==> flow/design.v <==
module multiplier #(
  parameter DWIDTH = 14
) (
  input ck,
  input reset,
  input signed [DWIDTH-1:0] src1_i,
  input signed [DWIDTH-1:0] src2_i,
  output signed [2*DWIDTH-1:0] out_o
);
  reg signed [DWIDTH-1:0] src1_reg;
  always @(posedge ck or posedge reset) begin
    if (reset) begin
      src1_reg <= 0;
    end else begin
      src1_reg <= src1_i;
    end
  end
  reg signed [DWIDTH-1:0] src2_reg;
  always @(posedge ck or posedge reset) begin
    if (reset) begin
      src2_reg <= 0;
    end else begin
      src2_reg <= src2_i;
    end
  end
  assign out_o = src1_reg * src2_reg;
endmodule
* Step by step through the tools: multiplier
What the tools print for multiplier, step after step.
Lines are those of the file above, counted from 1.
Library cell names are shortened.
A cell with n/a has no value.
- Design top :: multiplier
- Clock :: ck
- Standard-cell library :: sky130hd
- Library corner :: tt_025C_1v80

* Word-level counts
Source: Yosys, flattened and elaborated, memories not mapped. Widths are those after wreduce; folded enables and synchronous resets count as part of the registers. Registers that Yosys merges into a memory's read port (data or address) are not register bits. Print and check cells do not count. Equal cells are merged and count once.
- Bits in registers :: 28
- Bits in latches :: 0
- Bits in writable memories :: 0
- Memory bits (read-only) :: 0
- Clocked read ports x word width :: 0
- Memories kept :: 0
- Bits of input ports :: 30
- Output and inout port bits :: 28
- Add/sub/neg operators :: 0
- $mul :: 1
- Divide/modulo/power cells :: 0
- Magnitude comparators :: 0
- Equality and inequality tests :: 0
- Shifts and indexed selects :: 0
- Mux-type cells :: 0
- Bitwise operators :: 0
- Reductions and logical operators :: 0
** Operators by type and width (count)
- 14-bit by 14-bit multiplier with 28-bit output :: 1

* Longest topological paths
Longest topological path by Yosys (ltp), each cell counted once; first at word level (registers and memories cut), then after technology mapping (sequential cells cut; the memories' decode and read muxes count).
- Depth after elaboration :: 1
- ABC_AREA :: 0
- Depth in mapped cells :: 22
- Mapped depth without buffers :: 20

* Synthesis result
Source: synth_stat.txt of the flow (Yosys; design flattened, memories mapped). It holds for the ABC_AREA given above (unset counts as 0); a run with the other value may have another netlist.
- Cells in the netlist :: 880
- Chip area (Yosys) :: 8416.8 um2
- Sequential part of the area :: 700.7 um2
- Mapped flip-flops :: 28
- Buffer cells :: 31
** Cell types (count)
- fa_1 :: 195
- ha_1 :: 67
- inv_1 :: 216
- dfrtp_1 :: 28
- and2_1 :: 106
- nand2_1 :: 84
- xnor2_1 :: 27
- clkbuf_1 :: 29
- a21oi_1 :: 20
- nor2_1 :: 25
- o21ai_0 :: 13
- a21o_1 :: 7
- a2111oi_2 :: 3
- nand2b_1 :: 6
- o21bai_1 :: 5
- a211oi_1 :: 4
- xor2_1 :: 3
- nand4_1 :: 3
Not listed: further types 33, cells in them 39.

* Path before layout
Path of least setup slack by OpenSTA after synthesis, without wires, with an ideal clock, recovery checks aside; 20% of the period is set as input and as output delay. Where synthesis merged equal registers, the netlist keeps one of their names.
- Path kind :: register -> output
- Start :: register src1_reg[13]
- End :: output port out_o[26]
- Period :: 8550 ps
- External output delay :: 1710 ps
- Data arrival time :: 5471 ps
- Setup slack :: 1369 ps
- Delay of the path :: 5471 ps
- Driving pins on the path :: 19
- Path buffers :: 1
- Synthesis period reached :: 7181 ps
"delay of the path" is the arrival time less input delay plus setup time.
A path that ends at an output port has no setup time.
"driving pins on the path" counts driving pins, that of a launching flip-flop among them; a cell with two outputs on the path counts twice.
"synthesis period reached" is the clock period less the worst setup slack; recovery checks do not enter. This is arithmetic on one report: input and output delays are still those of the set period (20% each).
The rows between start and end are the longest chain of elaborated cells between them; the timing report does not say that the signal goes this way. Where chains are equally long, one stands for them.
Each line given opens the expression or statement behind the cell; cells for indexed reads and writes are added by Yosys, which also makes memories of some case tables.
- Cells stage by stage :: dfrtp_1 > clkbuf_1 > nand2_1 > fa_1 > fa_1 > fa_1 > inv_1 > fa_1 > inv_1 > fa_1 > fa_1 > inv_1 > ha_1 > a21o_1 > a21o_1 > a2111oi_0 > o31ai_1 > o221ai_1 > xnor2_1
- Cells in the longest elaborated chain :: 1
- Elaborated cells on any way between the ends :: 1
- RTL lines with such cells :: 1
** Ends and longest elaborated chain, after synthesis
- start, declared :: line 10 : reg signed [DWIDTH-1:0] src1_reg;
- start, assigned :: line 13 : src1_reg <= 0;
- start, assigned :: line 15 : src1_reg <= src1_i;
- 14-bit by 14-bit multiplier with 28-bit output :: line 26 : assign out_o = src1_reg * src2_reg;
- end, declared :: line 8 : output signed [2*DWIDTH-1:0] out_o

* Path in the finished layout
Path of least setup slack in the final report of run 1 (OpenROAD, finished layout, wires in). Where an end is a register, its clock arrival counts in the times.
The report prints the path's times to 10 ps; the period is as set.
- Path kind :: register -> output
- Start :: register src2_reg[8]
- End :: output port out_o[25]
- Period :: 8550 ps
- External output delay :: 1710 ps
- Data arrival time :: 6610 ps
- Setup slack :: 230 ps
- Driving pins on the path :: 20
- Path buffers :: 1
The rows between start and end are the longest chain of elaborated cells between them; the timing report does not say that the signal goes this way. Where chains are equally long, one stands for them.
- Cells stage by stage :: dfrtp_1 > and2_1 > fa_1 > inv_1 > fa_1 > inv_1 > fa_1 > fa_1 > fa_1 > inv_1 > fa_1 > inv_1 > ha_1 > and3_1 > a221o_1 > a31oi_2 > o2111ai_2 > nor4b_2 > and4b_1 > clkdlybuf4s50_1
- Cells in the longest elaborated chain :: 1
- Elaborated cells on any way between the ends :: 1
- RTL lines with such cells :: 1
** Ends and longest elaborated chain, after layout
- start, declared :: line 18 : reg signed [DWIDTH-1:0] src2_reg;
- start, assigned :: line 21 : src2_reg <= 0;
- start, assigned :: line 23 : src2_reg <= src2_i;
- 14-bit by 14-bit multiplier with 28-bit output :: line 26 : assign out_o = src1_reg * src2_reg;
- end, declared :: line 8 : output signed [2*DWIDTH-1:0] out_o

Appendix: measured runs

Design multiplier on sky130hd. What follows are 3 stored runs of the flow, each under its own settings; their order means nothing. The constraints put input and output delay at 20% of the set period each and load the outputs with 0.01 pF.
"period achieved" means the clock period less the worst setup slack. The figure is calculated, with input and output delays left at 20% of the set period.
"critical setup path time" = time allowed to the worst setup path (clock period - input delay - output delay, where it has them) - its slack; a late launch clock adds to it, a late capture clock takes from it.
"critical setup path time" is given in steps of 10 ps.

* Run 1
** Files
==> flow/run.sh <==
#!/bin/bash
# the make line also repeats the synthesis and layout settings of config.mk as NAME=value (left out here)
make -C /OpenROAD-flow-scripts/flow DESIGN_CONFIG=/design/flow/config.mk WORK_HOME=/design/flow/orfs CLKGATE_MAP_FILE= finish
==> flow/config.mk <==
export PLATFORM = sky130hd
export DESIGN_NAME = multiplier
export DESIGN_NICKNAME = multiplier
export VERILOG_FILES = /design/flow/design.v
export SDC_FILE = /design/flow/constraint.sdc
export NUM_CORES = 4
export LEC_CHECK = 0
export CAP_MARGIN = 20
export CORE_MARGIN = 2
export CORE_UTILIZATION = 40
export SLEW_MARGIN = 20
==> flow/constraint.sdc <==
create_clock -name core_clock -period 8.55 [get_ports {ck}]
set_input_delay 1.7100 -clock core_clock [delete_from_list [all_inputs] [get_ports {ck}]]
set_output_delay 1.7100 -clock core_clock [all_outputs]
set_load 0.01 [all_outputs]
** Results
- Synthesis area :: 8416.8 um2
- Die size :: 22218.9 um2
- Standard-cell area after layout :: 9426.5 um2
- Final design utilization :: 45.3%
- Lowest setup slack :: 235 ps
- Sum of negative setup slack :: 0 ps
- Period achieved :: 8315 ps
- Critical setup path time :: 6610 ps
- Critical path type :: register -> output

* Run 2
** Files
==> flow/run.sh <==
#!/bin/bash
# the make line also repeats the synthesis and layout settings of config.mk as NAME=value (left out here)
make -C /OpenROAD-flow-scripts/flow DESIGN_CONFIG=/design/flow/config.mk WORK_HOME=/design/flow/orfs CLKGATE_MAP_FILE= finish
==> flow/config.mk <==
export PLATFORM = sky130hd
export DESIGN_NAME = multiplier
export DESIGN_NICKNAME = multiplier
export VERILOG_FILES = /design/flow/design.v
export SDC_FILE = /design/flow/constraint.sdc
export NUM_CORES = 4
export LEC_CHECK = 0
export ABC_AREA = 0
export CAP_MARGIN = 20
export CELL_PAD_IN_SITES_GLOBAL_PLACEMENT = 0
export CORE_MARGIN = 2
export CORE_UTILIZATION = 36
export MAX_ROUTING_LAYER = met5
export MIN_ROUTING_LAYER = met2
export PLACE_DENSITY_LB_ADDON = 0.21
export SLEW_MARGIN = 5
==> flow/constraint.sdc <==
create_clock -name core_clock -period 6.59 [get_ports {ck}]
set_input_delay 1.3180 -clock core_clock [delete_from_list [all_inputs] [get_ports {ck}]]
set_output_delay 1.3180 -clock core_clock [all_outputs]
set_load 0.01 [all_outputs]
** Results
- Synthesis area :: 8416.8 um2
- Die size :: 24619.2 um2
- Standard-cell area after layout :: 11194.5 um2
- Final design utilization :: 49.1%
- Lowest setup slack :: -616 ps
- Sum of negative setup slack :: -8603 ps
- Period achieved :: 7206 ps
- Critical setup path time :: 5890 ps
- Critical path type :: register -> output

* Run 3
** Files
==> flow/run.sh <==
#!/bin/bash
# the make line also repeats the synthesis and layout settings of config.mk as NAME=value (left out here)
make -C /OpenROAD-flow-scripts/flow DESIGN_CONFIG=/design/flow/config.mk WORK_HOME=/design/flow/orfs CLKGATE_MAP_FILE= finish
==> flow/config.mk <==
export PLATFORM = sky130hd
export DESIGN_NAME = multiplier
export DESIGN_NICKNAME = multiplier
export VERILOG_FILES = /design/flow/design.v
export SDC_FILE = /design/flow/constraint.sdc
export NUM_CORES = 4
export LEC_CHECK = 0
export ABC_AREA = 1
export CAP_MARGIN = 20
export CELL_PAD_IN_SITES_DETAIL_PLACEMENT = 0
export CORE_MARGIN = 2
export CORE_UTILIZATION = 50
export GPL_ROUTABILITY_DRIVEN = 1
export MIN_ROUTING_LAYER = met1
export PLACE_DENSITY_LB_ADDON = 0.27
export SETUP_SLACK_MARGIN = 0.23
export SLEW_MARGIN = 20
export TNS_END_PERCENT = 55
==> flow/constraint.sdc <==
create_clock -name core_clock -period 5.65 [get_ports {ck}]
set_input_delay 1.1300 -clock core_clock [delete_from_list [all_inputs] [get_ports {ck}]]
set_output_delay 1.1300 -clock core_clock [all_outputs]
set_load 0.01 [all_outputs]
** Results
- Synthesis area :: 8876.0 um2
- Die size :: 18833.4 um2
- Standard-cell area after layout :: 11582.4 um2
- Final design utilization :: 67.0%
- Lowest setup slack :: -1102 ps
- Sum of negative setup slack :: -18757 ps
- Period achieved :: 6752 ps
- Critical setup path time :: 5620 ps
- Critical path type :: register -> output
